==> flow/design.v <==
module alu_sum_block_blk #(
  parameter integer XLEN = 10
) (
  input wire sys_clk,
  input wire RST,
  input wire [XLEN-1:0] x,
  input wire [XLEN-1:0] y,
  input wire cin,
  output wire [XLEN-1:0] s,
  output wire ovf
);
  reg [XLEN-1:0] r_x;
  always @(posedge sys_clk) begin
    if (RST) begin
      r_x <= 0;
    end else begin
      r_x <= x;
    end
  end
  reg [XLEN-1:0] r_y;
  always @(posedge sys_clk) begin
    if (RST) begin
      r_y <= 0;
    end else begin
      r_y <= y;
    end
  end
  reg r_cin;
  always @(posedge sys_clk) begin
    if (RST) begin
      r_cin <= 1'b0;
    end else begin
      r_cin <= cin;
    end
  end
  wire [XLEN:0] cur;
  assign cur = r_x + r_y + r_cin;
  assign s = cur[XLEN-1:0];
  assign ovf = cur[XLEN];
endmodule
# [From RTL to reports: alu_sum_block_blk]
# Tool output for the members of one design family, told apart by "XLEN", in the order of the flow.
# The file above is the member XLEN = 10. Line numbers count from 1 in each member's own file.
# Cell names lack the library's common part.
# Not given: n/a
[setup] top="alu_sum_block_blk" clk_port="sys_clk" cell_library="sky130hd" lib_corner="tt_025C_1v80"

# [Source of the members]
# New or changed lines of each further member against the RTL above, in its own file; lines it lacks are not shown.
[changed_lines] XLEN=18 line_no=2 source="parameter integer XLEN = 18"
[changed_lines] XLEN=112 line_no=2 source="parameter integer XLEN = 112"

# [After elaboration]
# Counts by Yosys on the flattened word-level netlist (proc, flatten, opt, wreduce; memories kept). Register bits leave out memories and registers merged into their read ports (data or address); mux counts leave out enables and synchronous resets folded into registers. Print and check cells are left out. Cells with the same type and inputs are merged into one.
[op_classes] XLEN=10 n_addsub=2
[op_classes] XLEN=18 n_addsub=2
[op_classes] XLEN=112 n_addsub=2
[ops] XLEN=10 op_list="adder 10 x 10 -> 11 bit (1); adder 11 x 1 -> 11 bit (1)"
[ops] XLEN=18 op_list="adder 18 x 18 -> 19 bit (1); adder 19 x 1 -> 19 bit (1)"
[ops] XLEN=112 op_list="adder 112 x 112 -> 113 bit (1); adder 113 x 1 -> 113 bit (1)"
[bits] XLEN=10 regBits=21 out_inout_bits=11 wordCells=5
[bits] XLEN=18 regBits=37 out_inout_bits=19 wordCells=5
[bits] XLEN=112 regBits=225 out_inout_bits=113 wordCells=5

# [Logic depth]
# Yosys ltp: most cells in a row. Word level: on the elaborated netlist, between registers, memories and ports. Mapped: between sequential cells and ports; inverters and the memories' decode and read muxes count.
[depth] XLEN=10 ltp_word=2 ABC_AREA=0 mapped_depth=8 mapped_depth_nobuf=8
[depth] XLEN=18 ltp_word=2 ABC_AREA=0 mapped_depth=9 mapped_depth_nobuf=9
[depth] XLEN=112 ltp_word=2 ABC_AREA=0 mapped_depth=12 mapped_depth_nobuf=12

# [Synthesis result]
# Yosys stat after the flow's synthesis: flattened, memories mapped to cells. It holds for the ABC_AREA given above (unset counts as 0); a run with the other value may have another netlist.
# The area totals of this step are shown rounded.
[synth_totals] XLEN=10 cells=98 mapped_area_um2=996 seqArea_um2=420 ffs=21 buffers=2
[synth_totals] XLEN=18 cells=194 mapped_area_um2=1870 seqArea_um2=741 ffs=37 buffers=3
[synth_totals] XLEN=112 cells=1636 mapped_area_um2=13500 seqArea_um2=4500 ffs=225 buffers=87
[by_type] XLEN=10 cell_types="dfxtp_1 (21); nor2b_1 (22); ha_1 (9); xnor2_1 (6); fa_1 (2); a21oi_1 (6); a21o_1 (3); and3_1 (3); xor2_1 (2); o41ai_2 (1); inv_1 (4); o21a_1 (2); a211oi_2 (1); nand2b_1 (2); o21ai_0 (2); a31o_1 (1); and2_4 (1); clkbuf_1 (2); [+8]"
[by_type] XLEN=18 cell_types="dfxtp_1 (37); nor2b_1 (39); ha_1 (17); a21oi_1 (13); xnor2_1 (7); xor2_1 (7); a21o_1 (8); nand2_1 (11); fa_1 (2); inv_1 (8); o21ai_0 (6); nor3_1 (5); a31oi_4 (1); o211a_1 (2); a31oi_1 (3); a41oi_1 (2); o21ai_2 (2); a221oi_2 (1); [+23]"
[by_type] XLEN=112 cell_types="dfxtp_1 (225); nor2b_1 (233); ha_1 (111); a21oi_1 (178); xnor2_1 (68); nand2_1 (130); nor2_1 (102); nand4_1 (60); xor2_1 (38); o21bai_1 (40); o21ai_0 (59); clkbuf_1 (73); a21o_1 (35); o21ai_1 (31); a31oi_1 (21); inv_1 (35); o21a_1 (17); nor3_1 (24); [+156]"
# A list marked [+n] leaves out that many cells.

# [Worst setup path after synthesis]
# OpenSTA on the mapped netlist: ideal clock, no wires. The path of least setup slack (recovery checks aside). Input and output delay are each 20% of the period. Register names are those of the netlist, which keeps one name where synthesis merged equal registers.
[synth_timing] XLEN=10 kind="register to output" start="reg r_x[0]" end="out s[8]" clock_period_ps=2880 setup_slack_ps=460 path_stages=9 path_delay_ps=1844 period_less_setup_slack_ps=2420
[synth_timing] XLEN=18 kind="register to output" start="reg r_x[0]" end="out s[12]" clock_period_ps=3200 setup_slack_ps=513 path_stages=10 path_delay_ps=2047 period_less_setup_slack_ps=2687
[synth_timing] XLEN=112 kind="register to output" start="reg r_x[0]" end="out s[102]" clock_period_ps=5200 setup_slack_ps=832 path_stages=13 path_delay_ps=3328 period_less_setup_slack_ps=4368
# "path_delay_ps" is the arrival time less input delay plus setup time.
# At an output port there is no setup time.
# "path_stages" counts driving pins, that of a launching flip-flop among them; a cell with two outputs on the path counts twice.
# "period_less_setup_slack_ps" = period - worst setup slack (recovery checks aside). The figure is calculated, with input and output delays left at 20% of the set period.
# The rows between start and end are the longest chain of elaborated cells between them; the timing report does not say that the signal goes this way. Where chains are equally long, one stands for them.
# A line is the first line of the expression or statement that the cell stems from. Yosys adds cells for indexed reads and writes and turns some case tables into memories.
[synth_via_XLEN_10] elab_chain_len=2
[synth_lines_XLEN_10] item="start, declared" line_no=12 source="reg [XLEN-1:0] r_x;"
[synth_lines_XLEN_10] item="start, assigned" line_no=15 source="r_x <= 0;"
[synth_lines_XLEN_10] item="start, assigned" line_no=17 source="r_x <= x;"
[synth_lines_XLEN_10] item="adder 10 x 10 -> 11 bit" line_no=37 source="assign cur = r_x + r_y + r_cin;"
[synth_lines_XLEN_10] item="adder 11 x 1 -> 11 bit" line_no=37
[synth_lines_XLEN_10] item="end, declared" line_no=9 source="output wire [XLEN-1:0] s,"
[synth_via_XLEN_112] elab_chain_len=2
[synth_lines_XLEN_112] item="start, declared" line_no=12 source="reg [XLEN-1:0] r_x;"
[synth_lines_XLEN_112] item="start, assigned" line_no=15 source="r_x <= 0;"
[synth_lines_XLEN_112] item="start, assigned" line_no=17 source="r_x <= x;"
[synth_lines_XLEN_112] item="adder 112 x 112 -> 113 bit" line_no=37 source="assign cur = r_x + r_y + r_cin;"
[synth_lines_XLEN_112] item="adder 113 x 1 -> 113 bit" line_no=37
[synth_lines_XLEN_112] item="end, declared" line_no=9 source="output wire [XLEN-1:0] s,"

# [Timing after layout]
# Path of least setup slack in the final report of each member's run (OpenROAD, finished layout, wires in). Where an end is a register, its clock arrival counts in the times.
# The report prints the path's times to 10 ps; the period is as set.
[layout_timing] XLEN=10 kind="register to output" start="reg r_cin" end="out s[8]" clock_period_ps=2880 setup_slack_ps=-10 path_stages=10 t_arrival_ps=2310 n_path_buf=1
[layout_timing] XLEN=18 kind="register to output" start="reg r_x[0]" end="out s[11]" clock_period_ps=3200 setup_slack_ps=60 path_stages=11 t_arrival_ps=2500 n_path_buf=3
[layout_timing] XLEN=112 kind="register to output" start="reg r_x[0]" end="out s[102]" clock_period_ps=5200 setup_slack_ps=80 path_stages=14 t_arrival_ps=4080 n_path_buf=1

# [Layout results]
# One run of the flow (Yosys, OpenROAD) for each member, with settings and measured results. Input and output delays are each 20% of the period that was set; the output load is 0.01 pF.
[flow_settings] CAP_MARGIN=20 CORE_MARGIN=2 CORE_UTILIZATION=40 SLEW_MARGIN=20
[settings_by_member] XLEN=10 period_ns=2.88
[settings_by_member] XLEN=18 period_ns=3.2
[settings_by_member] XLEN=112 period_ns=5.2
[results] XLEN=10 yosys.chip_area_um2=996 dieArea_um2=2910 final_stdcell_area_um2=1400 fin_util_pct=58.2 worst_setup_slack_ps=-9 final_setup_tns_ps=-9 final_hold_ws_ps=812 totalPower_mw=0.602 achieved_period_ps=2889
[results] XLEN=18 yosys.chip_area_um2=1870 dieArea_um2=5230 final_stdcell_area_um2=2760 fin_util_pct=62.6 worst_setup_slack_ps=57 final_setup_tns_ps=0 final_hold_ws_ps=904 totalPower_mw=1.14 achieved_period_ps=3143
[results] XLEN=112 yosys.chip_area_um2=13500 dieArea_um2=35200 final_stdcell_area_um2=18500 fin_util_pct=55.4 worst_setup_slack_ps=81 final_setup_tns_ps=0 final_hold_ws_ps=999 totalPower_mw=4.89 achieved_period_ps=5119
# "achieved_period_ps" = clock period - worst setup slack. The figure is calculated, with input and output delays left at 20% of the set period.
# "totalPower_mw" rests on the timing tool's default activity at the inputs, not on a simulated workload.
# Results are given in rounded form.
